==> flow/design.v <==
module u_switch #(
  parameter integer DATA_WIDTH = 10
) (
  input  wire aclk,
  input  wire rst,
  input  wire [DATA_WIDTH-1:0] i_d_0,
  input  wire [DATA_WIDTH-1:0] i_d_1,
  input  wire [DATA_WIDTH-1:0] i_d_2,
  input  wire [DATA_WIDTH-1:0] i_d_3,
  input  wire [2:0] i_idx,
  output wire [DATA_WIDTH-1:0] o_data_out
);
  reg [DATA_WIDTH-1:0] d_0_q;
  reg [DATA_WIDTH-1:0] d_1_q;
  reg [DATA_WIDTH-1:0] d_2_q;
  reg [DATA_WIDTH-1:0] d_3_q;
  reg [2:0] idx_q;
  reg [DATA_WIDTH-1:0] tmp;
  always @(*) begin
    casez (idx_q)
      3'b??1: tmp = d_0_q;
      3'b?10: tmp = d_1_q;
      3'b100: tmp = d_2_q;
      default: tmp = d_3_q;
    endcase
  end
  assign o_data_out = tmp;
  always @(posedge aclk) begin
    if (rst) begin
      d_0_q <= 0;
      d_1_q <= 0;
      d_2_q <= 0;
      d_3_q <= 0;
      idx_q <= 0;
    end else begin
      d_0_q <= i_d_0;
      d_1_q <= i_d_1;
      d_2_q <= i_d_2;
      d_3_q <= i_d_3;
      idx_q <= i_idx;
    end
  end
endmodule
# Tool chain data of u_switch
# The steps from the RTL of u_switch to its reports follow in flow order.
# Line numbers count from 1 in the design file above.
# Operators: Yosys type, input widths -> output width; for muxes data width and select width s.
# Library cell names are shortened.
# Not given: n/a
# inputs
top	u_switch
clk_port	aclk
lib	sky130hd
lib_corner	tt_025C_1v80

# Word-level counts
# Yosys after proc, flatten, opt, wreduce and memory -nomap, before mapping. Enables and synchronous resets that opt folds into registers are not counted as muxes. Memory bits, and registers merged into a memory's read port (data or address), are not among the register bits. Print and check cells are not counted. Equal cells are merged and count once.
# bits
reg_bits	43
output_inout_bits	10
wordCells	8
# classes
n_eq	2
n_mux	1
# op_table
cell	count
$pmux 10 s3	1
$eq 3x3->1 const B	1
$eq 2x2->1 const B	1

# Logic depth
# Yosys ltp: most cells in a row. Word level: on the elaborated netlist, between registers, memories and ports. Mapped: between sequential cells and ports; inverters and the memories' decode and read muxes count.
# depth
depth_word	2
abc_area	0
ltp_mapped	4
ltp_nobuf	3

# After synthesis
# Source: synth_stat.txt of the flow (Yosys; design flattened, memories mapped). It holds for the ABC_AREA given above (unset counts as 0); a run with the other value may have another netlist.
# types
type	count	type_area_um2
dfxtp_1	43	860.826
nor2b_1	43	269.008
a221o_1	10	100.096
nor2_2	10	62.56
a21oi_1	10	50.048
inv_1	10	37.536
nand2_1	10	37.536
nor2_1	10	37.536
clkbuf_1	7	26.275
buf_6	2	22.522
or3_1	1	6.256
buf_2	1	5.005
# synth_totals
cells	157
area_mm2	0.0015152
sequential_area_mm2	0.0008608
ffs	43
buf_cells	10

# Worst setup path after synthesis
# OpenSTA on the mapped netlist: ideal clock, no wires. The path of least setup slack (recovery checks aside). Input and output delay are each 20% of the period. Register names are those of the netlist, which keeps one name where synthesis merged equal registers.
# synth_path
path_type	reg2out
startpoint	register idx_q[1]
endpoint	output port o_data_out[0]
clock_period_ns	1.58
out_delay_ns	0.316
launch_ns	0.000
arrival_time_ns	1.012
t_required_ns	1.264
path_slack_ns	0.252
path_delay_ns	1.012
stages	5
path_buffers	1
synth_period_reached_ns	1.328
# "path_delay_ns" = arrival - input delay + setup time.
# A path that ends at an output port has no setup time.
# "stages": output pins that drive a net of the path, with the launching flip-flop's if there is one; two outputs of one cell count as two.
# "synth_period_reached_ns" = period - worst setup slack (recovery checks aside). The figure is calculated, with input and output delays left at 20% of the set period.
# The rows between start and end are the longest chain of elaborated cells between them; the timing report does not say that the signal goes this way. Where chains are equally long, one stands for them.
# A line is the first line of the expression or statement that the cell stems from. Yosys adds cells for indexed reads and writes and turns some case tables into memories.
# synth_between
cell_sequence	dfxtp_1 buf_6 nor2_1 a221o_1 a21oi_1
elab_chain_len	2
cone_cells	3
classes_between	eq/ne (2); mux (1)
# synth_rtl
item	line_no	rtl
start: declaration	17	reg [2:0] idx_q;
start: assignment	34	idx_q <= 0;
start: assignment	40	idx_q <= i_idx;
$eq 3x3->1	20	casez (idx_q)
$pmux 10 s3	20
end: declaration	11	output wire [DATA_WIDTH-1:0] o_data_out

# Worst path after layout
# From the final timing report of flow run A: the path of least setup slack in the routed layout; clock arrival at registers is part of the times.
# layout_path
path_type	reg2out
startpoint	register idx_q[1]
endpoint	output port o_data_out[2]
clock_period_ns	1.58
out_delay_ns	0.32
launch_ns	0.28
arrival_time_ns	1.51
t_required_ns	1.26
path_slack_ns	-0.24
stages	6
path_buffers	3
# The rows between start and end are the longest chain of elaborated cells between them; the timing report does not say that the signal goes this way. Where chains are equally long, one stands for them.
# layout_between
cell_sequence	dfxtp_4 buf_6 buf_6 a221o_1 a21oi_2 buf_2
elab_chain_len	2
cone_cells	3
classes_between	eq/ne (2); mux (1)
# layout_rtl
item	line_no	rtl
start: declaration	17	reg [2:0] idx_q;
start: assignment	34	idx_q <= 0;
start: assignment	40	idx_q <= i_idx;
$eq 3x3->1	20	casez (idx_q)
$pmux 10 s3	20
end: declaration	11	output wire [DATA_WIDTH-1:0] o_data_out

# Measured results for u_switch: 3 stored runs of the Yosys and OpenROAD flow on sky130hd. The settings differ; the order carries no meaning. The constraints put input and output delay at 20% of the set period each and load the outputs with 0.01 pF.
# "period_reached_ns": clock period set for the run, less the worst setup slack. It is reckoned from that one timing run; input and output delays stay at 20% of the period that was set.
# By "critical_path_time_ns" is meant the share of the clock period that the worst setup path is allowed (20% is reserved at inputs, 20% at outputs), minus its slack. Clock arrival times at its registers enter into it.
# "total_power_mw" rests on the timing tool's default activity at the inputs, not on a simulated workload.
# A setting shown as . is not set for that run.
# A result given as . is not shown for that run.
stored run	period_ns	CAP_MARGIN	CORE_MARGIN	CORE_UTILIZATION	SLEW_MARGIN	SETUP_SLACK_MARGIN	PLACE_DENSITY	HOLD_SLACK_MARGIN	CELL_PAD_IN_SITES_DETAIL_PLACEMENT	TNS_END_PERCENT	GPL_TIMING_DRIVEN	MAX_ROUTING_LAYER	PLACE_DENSITY_LB_ADDON	CORE_ASPECT_RATIO	GPL_ROUTABILITY_DRIVEN	CTS_CLUSTER_SIZE	critical_path_time_ns	worst_setup_path_type	total_die_area_mm2	hold_ws_ns	total_power_mw	period_reached_ns	fin_tns_ns	synth_chip_area_mm2	utilization_frac	post_route_stdcell_area_mm2	ws_setup_ns
flow run A	1.58	20	2	40	20	.	.	.	.	.	.	.	.	.	.	.	1.51	reg2out	0.0042961	0.573	2.393	1.822	-2.067	0.0015152	0.638	0.0023372	-0.242
flow run B	2.33	15	7	15	20	0.14	0.6	-0.0	0	45	1	met5	.	.	.	.	1.70	reg2out	0.0131114	0.724	1.555	2.168	0.000	0.0015152	0.235	0.0022997	0.162
flow run C	1.33	20	2	69	40	.	.	.	1	.	0	.	0.06	1.17	1	62	.	.	.	.	.	.	.	.	.	.	.
# Flow run C: no final report: placement broke off with FLW-0024
